==> flow/design.v <==
module mux_mod #(
  parameter integer DATA_WIDTH = 1,
  parameter integer N_IN = 64,
  parameter integer SW = $clog2(N_IN)
) (
  input wire sys_clk,
  input wire enable,
  input wire [N_IN*DATA_WIDTH-1:0] src,
  input wire [SW-1:0] s,
  output wire [DATA_WIDTH-1:0] o
);
  reg [N_IN*DATA_WIDTH-1:0] r_src;
  reg [SW-1:0] r_s;
  always @(posedge sys_clk) begin
    if (enable) begin
      r_src <= src;
      r_s <= s;
    end
  end
  wire [DATA_WIDTH-1:0] lvl [1:2*N_IN-1];
  genvar k;
  generate
    for (k = 0; k < N_IN; k = k + 1) begin : stage
      assign lvl[N_IN+k] = r_src[k*DATA_WIDTH +: DATA_WIDTH];
    end
    for (k = 1; k < N_IN; k = k + 1) begin : g_bit
      sel2 #(.N(DATA_WIDTH)) el (.a(lvl[2*k]), .b(lvl[2*k+1]), .s(r_s[SW - $clog2(k+1)]), .y(lvl[k]));
    end
  endgenerate
  assign o = lvl[1];
endmodule
module sel2 #(parameter N = 1) (
  input wire [N-1:0] a,
  input wire [N-1:0] b,
  input wire s,
  output wire [N-1:0] y
);
  assign y = s ? b : a;
endmodule
* Reports on mux_mod
The steps from the RTL of mux_mod to its reports follow in flow order.
Line numbers count from 1 in the design file above.
Cell names lack the library's common part.
Not given: -
- Top :: mux_mod
- Clock input :: sys_clk
- Standard-cell library :: sky130hd
- Corner :: tt_025C_1v80

* Word-level counts
Source: Yosys, flattened and elaborated. Widths are those after wreduce; folded enables and synchronous resets count as part of the registers. Registers that Yosys merges into a memory's read port (data or address) are not register bits. Print and check cells do not count. Equal cells are merged and count once.
- Bits in registers :: 70
- Bits of input ports :: 72
- Output and inout port bits :: 1
- Word-level cells :: 65
- Mux-type cells :: 63
** Operators by type and width (count)
- 1-bit 2-to-1 mux :: 63

* Depth
Depth = most cells in a row (Yosys ltp): at word level without a register or memory, in the mapped netlist without a sequential cell, where the memories' decode and read muxes count.
- Depth in word-level cells :: 6
- ABC_AREA :: 0
- Mapped depth :: 7
- Gate-level depth less buffers :: 5

* Mapped cells and area
Yosys stat after the flow's synthesis: flattened, memories mapped to cells. It holds for the ABC_AREA given above (unset counts as 0); a run with the other value may have another netlist.
- Cell count :: 132
- Mapped area :: 0.0027026 mm^2
- Sequential area :: 0.002102 mm^2
- Flip-flops :: 70
- Buffer cells :: 6
** Cell types
- edfxtp_1 :: count 70, area in all 2.1E+03 um^2
- mux4_2 :: count 11, area in all 247.738 um^2
- mux2i_1 :: count 5, area in all 50.048 um^2
- mux4_1 :: count 1, area in all 26.275 um^2
- nor2_1 :: count 7, area in all 26.275 um^2
- a211oi_2 :: count 2, area in all 25.024 um^2
- nor4_1 :: count 3, area in all 18.768 um^2
- a221oi_2 :: count 1, area in all 15.014 um^2
- a22oi_1 :: count 2, area in all 15.014 um^2
- buf_2 :: count 3, area in all 15.014 um^2
- inv_1 :: count 4, area in all 15.014 um^2
- and3_1 :: count 2, area in all 12.512 um^2
- nand2b_1 :: count 2, area in all 12.512 um^2
- nor2b_1 :: count 2, area in all 12.512 um^2
- buf_6 :: count 1, area in all 11.261 um^2
- mux2_2 :: count 1, area in all 11.261 um^2
- nand2_1 :: count 3, area in all 11.261 um^2
- nand3_1 :: count 2, area in all 10.01 um^2
Other cell types: 8; their cells: 10.
By module: a second synthesis without flattening, with its own total; a netlist apart from the flattened one above.
- Cells (unflattened synthesis) :: 133
- Area total of the unflattened synthesis :: 0.0030479 mm^2
Each row is one instance without its submodules.
** By module
- mux_mod :: instances 1, cells 70, area 0.002102 mm^2, seq. area 0.002102 mm^2
- sel2 (N=1) :: instances 63, cells 1, area 0.000015 mm^2, seq. area 0 mm^2

* Timing after synthesis
Path of least setup slack by OpenSTA after synthesis, without wires, with an ideal clock, recovery checks aside; 20% of the period is set as input and as output delay. Where synthesis merged equal registers, the netlist keeps one of their names.
- Path kind :: flip-flop to output port
- Start point :: register r_s[0]
- End point :: output port o[0]
- Clock period :: 2.44 ns
- Output delay :: 0.488 ns
- Time at the first pin :: 0.000 ns
- Data arrival time :: 1.563 ns
- Data required time :: 1.952 ns
- Path slack :: 0.389 ns
- Delay of the path :: 1.563 ns
- Stages on the path :: 7
- Path buffers :: 1
- Synthesis period reached :: 2.051 ns
"delay of the path" = arrival - input delay + setup time.
A path that ends at an output port has no setup time.
"stages on the path": output pins that drive a net of the path, with the launching flip-flop's if there is one; two outputs of one cell count as two.
"synthesis period reached" is the clock period less the worst setup slack; recovery checks do not enter. This is arithmetic on one report: input and output delays are still those of the set period (20% each).
Between the ends stands the longest chain of elaborated cells between them, by number of cells; it is not shown to be the way that was timed. Of several equally long chains one is given.
A line is the first line of the expression or statement that the cell stems from. Yosys adds cells for indexed reads and writes and turns some case tables into memories.
- Path through :: edfxtp_1 -> buf_6 -> mux4_2 -> o2111ai_1 -> nand3_1 -> a211oi_2 -> a211oi_2
- Length of the longest elaborated chain :: 6
- Elaborated cells between the ends (all ways) :: 63
- Source lines of those cells :: 1
- Those cells by class :: mux (63)
** Ends and longest elaborated chain, post-synthesis
- start, declared :: line 13 : reg [SW-1:0] r_s;
- start, assigned :: line 17 : r_s <= s;
- 1-bit 2-to-1 mux x6 :: line 38 : assign y = s ? b : a;
- end, declared :: line 10 : output wire [DATA_WIDTH-1:0] o

* Timing after layout
Path of least setup slack in the final report of stored run 1 (OpenROAD, finished layout, wires in). Where an end is a register, its clock arrival counts in the times.
- Path kind :: flip-flop to output port
- Start point :: register r_s[0]
- End point :: output port o[0]
- Clock period :: 2.44 ns
- Output delay :: 0.49 ns
- Time at the first pin :: 0.33 ns
- Data arrival time :: 2.14 ns
- Data required time :: 1.95 ns
- Path slack :: -0.18 ns
- Stages on the path :: 8
- Path buffers :: 2
Between the ends stands the longest chain of elaborated cells between them, by number of cells; it is not shown to be the way that was timed. Of several equally long chains one is given.
- Path through :: edfxtp_1 -> buf_6 -> mux4_2 -> o2111ai_2 -> nand3_1 -> a211oi_2 -> a211oi_2 -> buf_2
- Length of the longest elaborated chain :: 6
- Elaborated cells between the ends (all ways) :: 63
- Source lines of those cells :: 1
- Those cells by class :: mux (63)
** Ends and longest elaborated chain, after layout
- start, declared :: line 13 : reg [SW-1:0] r_s;
- start, assigned :: line 17 : r_s <= s;
- 1-bit 2-to-1 mux x6 :: line 38 : assign y = s ? b : a;
- end, declared :: line 10 : output wire [DATA_WIDTH-1:0] o

Memo
Re: implementation data of mux_mod

Measured results for mux_mod: 3 stored runs of the Yosys and OpenROAD flow on sky130hd. The settings differ; the order carries no meaning. The constraints put input and output delay at 20% of the set period each and load the outputs with 0.01 pF.
By "reached clock period" is meant the clock period of the run minus its worst setup slack. This is arithmetic on one report: input and output delays are still those of the set period (20% each).
"allowed time less slack (worst setup path)" = time allowed to the worst setup path (clock period - input delay - output delay, where it has them) - its slack; a late launch clock adds to it, a late capture clock takes from it.
"power consumption" is the tool's figure for a default switching activity; nothing was simulated.

** Stored run 1
- Settings :: period_ns=2.44; CAP_MARGIN=20; CORE_MARGIN=2; CORE_UTILIZATION=40; SLEW_MARGIN=20
- Power consumption :: 2.704 mW
- Allowed time less slack (worst setup path) :: 2.14 ns
- Worst setup path type :: flip-flop to output port
- Final setup TNS :: -0.183 ns
- Reached clock period :: 2.623 ns
- Utilization after layout :: 59.5 %
- Standard-cell area after layout :: 0.0038424 mm^2
- Final worst hold slack :: 0.684 ns
- Full die area :: 0.0074296 mm^2
- Chip area after synthesis (Yosys) :: 0.0027026 mm^2
- Setup slack of the worst path :: -0.183 ns

** Stored run 2
- Settings :: period_ns=1.55; CORE_UTILIZATION=16; PLACE_DENSITY_LB_ADDON=0.11; CORE_ASPECT_RATIO=0.68; GPL_ROUTABILITY_DRIVEN=0; CTS_CLUSTER_DIAMETER=252; CAP_MARGIN=20; CORE_MARGIN=2; SLEW_MARGIN=20
- Power consumption :: 5.070 mW
- Allowed time less slack (worst setup path) :: 2.18 ns
- Worst setup path type :: flip-flop to output port
- Final setup TNS :: -0.936 ns
- Reached clock period :: 2.486 ns
- Utilization after layout :: 25.9 %
- Standard-cell area after layout :: 0.0043054 mm^2
- Final worst hold slack :: 0.382 ns
- Full die area :: 0.0179664 mm^2
- Chip area after synthesis (Yosys) :: 0.0027026 mm^2
- Setup slack of the worst path :: -0.936 ns

** Stored run 3
- Settings :: period_ns=2.03; CORE_UTILIZATION=37; PLACE_DENSITY=0.68; CORE_ASPECT_RATIO=1.52; CELL_PAD_IN_SITES_GLOBAL_PLACEMENT=2; CELL_PAD_IN_SITES_DETAIL_PLACEMENT=1; GPL_ROUTABILITY_DRIVEN=0; CTS_CLUSTER_SIZE=31; CTS_CLUSTER_DIAMETER=310; CAP_MARGIN=20; CORE_MARGIN=2; SLEW_MARGIN=20
- Power consumption :: 3.362 mW
- Allowed time less slack (worst setup path) :: 2.27 ns
- Worst setup path type :: flip-flop to output port
- Final setup TNS :: -0.644 ns
- Reached clock period :: 2.674 ns
- Utilization after layout :: 55.5 %
- Standard-cell area after layout :: 0.0039613 mm^2
- Final worst hold slack :: 0.599 ns
- Full die area :: 0.008019 mm^2
- Chip area after synthesis (Yosys) :: 0.0027026 mm^2
- Setup slack of the worst path :: -0.644 ns
